==> flow/design.v <==
module dp_shifter_v2 #(
  parameter BITS = 64,
  parameter SEL_WIDTH = $clog2(BITS)
) (
  input logic core_clk,
  input logic ce,
  input logic [BITS-1:0] i_ch,
  input logic [SEL_WIDTH-1:0] i_count,
  output logic [BITS-1:0] o_res
);
  logic [BITS-1:0] r_ch;
  logic [SEL_WIDTH-1:0] r_count;
  always_ff @(posedge core_clk) begin
    if (ce) begin
      r_ch <= i_ch;
      r_count <= i_count;
      o_res <= r_ch << r_count;
    end
  end
endmodule
# Tool chain data of dp_shifter_v2
# Tool output for the design above, in the order of the flow.
# Lines are those of the file above, counted from 1.
# Operators: Yosys type, input widths -> output width; for muxes data width and select width s.
# A cell with n/a has no value.
# setup
top_module,dp_shifter_v2
clock,core_clk
cell_library,sky130hd
lib_corner,tt_025C_1v80

# After elaboration
# Source: Yosys, flattened and elaborated, memories not mapped. Widths are those after wreduce; folded enables and synchronous resets count as part of the registers. Registers that Yosys merges into a memory's read port (data or address) are not register bits. Print and check cells do not count. Equal cells are merged and count once.
# bits
register_bits,134
input_bits,72
# op_classes
n_shift,1
# op_table
operator,count
$shl 64x6->64,1

# Logic depth
# Yosys ltp: most cells in a row. Word level: on the elaborated netlist, between registers, memories and ports. Mapped: between sequential cells and ports; inverters and the memories' decode and read muxes count.
# depth
ltp_word,1
ABC_AREA,0
mapped_depth,9
depth_no_buf,5

# Synthesis result
# Source: synth_stat.txt of the flow (Yosys; design flattened, memories mapped). It holds for the ABC_AREA given above (unset counts as 0); a run with the other value may have another netlist.
# mapped
ff_cells,134
area_um2,8687.1
mapped_cells,684
# by_type
cell,count,area_total_um2
sky130_fd_sc_hd__edfxtp_1,134,4.02E+03
sky130_fd_sc_hd__mux4_2,52,1.17E+03
sky130_fd_sc_hd__mux2i_1,63,630.605
sky130_fd_sc_hd__mux2_2,32,360.346
sky130_fd_sc_hd__mux4_1,13,341.578
sky130_fd_sc_hd__nand2_1,67,251.491
sky130_fd_sc_hd__nor2_1,45,168.912
sky130_fd_sc_hd__o22ai_1,21,131.376
sky130_fd_sc_hd__buf_2,22,110.106
sky130_fd_sc_hd__a21oi_1,21,105.101
sky130_fd_sc_hd__o21ai_0,20,100.096
sky130_fd_sc_hd__a22oi_1,12,90.086
sky130_fd_sc_hd__clkbuf_1,22,82.579
sky130_fd_sc_hd__nand3_1,15,75.072
sky130_fd_sc_hd__o211ai_1,9,67.565
sky130_fd_sc_hd__and2_1,10,62.56
sky130_fd_sc_hd__nor3_1,12,60.058
sky130_fd_sc_hd__nor2b_1,9,56.304
# Other cell types: 35; their cells: 105.

# Path before layout
# Source: OpenSTA report_checks on the synthesized netlist (no wires, ideal clock, input and output delay 20% of the period each), path of least setup slack; recovery checks are left aside. Register names are those of the netlist, which keeps one name where synthesis merged equal registers.
# synth_path
path_type,reg-to-reg
start,register r_count[1]
end,register o_res[49]
setup_slack_ns,0.572
path_delay_ns,2.298
launch_ns,0.000
clock_period_ns,2.87
t_required_ns,2.593
t_arrival_ns,2.021
setup_time_ns,0.277
path_stages,10
synth_period_reached_ns,2.298
# "path_delay_ns" is the arrival time less input delay plus setup time.
# "path_stages" counts driving pins, that of a launching flip-flop among them; a cell with two outputs on the path counts twice.
# "synth_period_reached_ns" = period - worst setup slack (recovery checks aside). The figure is calculated, with input and output delays left at 20% of the set period.
# Between the ends stands the longest chain of elaborated cells between them, by number of cells; it is not shown to be the way that was timed. Of several equally long chains one is given.
# Each line given opens the expression or statement behind the cell; cells for indexed reads and writes are added by Yosys, which also makes memories of some case tables.
# synth_via
cell_sequence,sky130_fd_sc_hd__edfxtp_1 -> sky130_fd_sc_hd__buf_6 -> sky130_fd_sc_hd__buf_4 -> sky130_fd_sc_hd__buf_4 -> sky130_fd_sc_hd__buf_2 -> sky130_fd_sc_hd__mux2_2 -> sky130_fd_sc_hd__a222oi_1 -> sky130_fd_sc_hd__nand2_1 -> sky130_fd_sc_hd__nand3_1 -> sky130_fd_sc_hd__o221ai_1
elab_chain_len,1
# synth_rtl
item,line_no,rtl
start: declaration,12,logic [SEL_WIDTH-1:0] r_count;
start: assignment,16,r_count <= i_count;
$shl 64x6->64,17,o_res <= r_ch << r_count;
end: assignment,17,
end: declaration,9,output logic [BITS-1:0] o_res

# Timing after layout
# Path of least setup slack in the final report of job 1 (OpenROAD, finished layout, wires in). Where an end is a register, its clock arrival counts in the times.
# layout_path
path_type,reg-to-reg
start,register r_count[1]
end,register o_res[60]
t_required_ns,2.08
path_stages,6
launch_ns,0.42
setup_slack_ns,-0.63
t_arrival_ns,2.71
setup_time_ns,0.25
clock_period_ns,1.91
# Between the ends stands the longest chain of elaborated cells between them, by number of cells; it is not shown to be the way that was timed. Of several equally long chains one is given.
# layout_via
cell_sequence,sky130_fd_sc_hd__edfxtp_1 -> sky130_fd_sc_hd__buf_12 -> sky130_fd_sc_hd__mux4_2 -> sky130_fd_sc_hd__mux4_2 -> sky130_fd_sc_hd__mux2_4 -> sky130_fd_sc_hd__a221o_1
elab_chain_len,1
# layout_rtl
item,line_no,rtl
start: declaration,12,logic [SEL_WIDTH-1:0] r_count;
start: assignment,16,r_count <= i_count;
$shl 64x6->64,17,o_res <= r_ch << r_count;
end: assignment,17,
end: declaration,9,output logic [BITS-1:0] o_res

# Below are 3 stored runs of the flow (Yosys, OpenROAD; platform sky130hd) on dp_shifter_v2, each with its settings and what was measured, unordered. Constraints: input delay and output delay 20% of the set period each, output load 0.01 pF.
# By "achieved_period_ns" is meant the clock period of the run minus its worst setup slack. This is arithmetic on one report: input and output delays are still those of the set period (20% each).
# "worst_path_ns" means the part of the period allowed to the worst setup path (the constraints hold back 20% at inputs and 20% at outputs) less its slack; where the path has registers, the arrival times of their clocks count too.
# "design_power_w" is the tool's figure for a default switching activity; nothing was simulated.
# Settings: n/a = not set for that run.
# Results: n/a = not shown.
run name,period_ns,CORE_UTILIZATION,TNS_END_PERCENT,CTS_CLUSTER_SIZE,CAP_MARGIN,SLEW_MARGIN,MAX_ROUTING_LAYER,CORE_MARGIN,SETUP_SLACK_MARGIN,PLACE_DENSITY_LB_ADDON,CORE_ASPECT_RATIO,CELL_PAD_IN_SITES_DETAIL_PLACEMENT,GPL_TIMING_DRIVEN,GPL_ROUTABILITY_DRIVEN,yosys.chip_area_um2,design.die.area_um2,post_route_stdcell_area_um2,util_frac,setup_worst_slack_ns,setup_tns_ns,hold_ws_ns,design_power_w,achieved_period_ns,worst_path_ns,worstPathKind
job 1,1.91,33,85,26,40,35,met4,2,n/a,n/a,n/a,n/a,n/a,n/a,8687.1,27639.1,13820.8,0.532,-0.632,-25.591,0.441,0.011188,2.542,2.54,reg-to-reg
job 2,2.87,40,n/a,n/a,20,20,n/a,2,n/a,n/a,n/a,n/a,n/a,n/a,8687.1,22912.9,11288.3,0.534,0.144,0.000,0.692,0.006993,2.726,2.73,reg-to-reg
job 3,1.63,46,n/a,98,15,20,n/a,2,0.01,0.29,0.5,2,0,1,n/a,n/a,n/a,n/a,n/a,n/a,n/a,n/a,n/a,n/a,n/a
# Job 3: not finished: clock tree synthesis ended with error DPL-0033
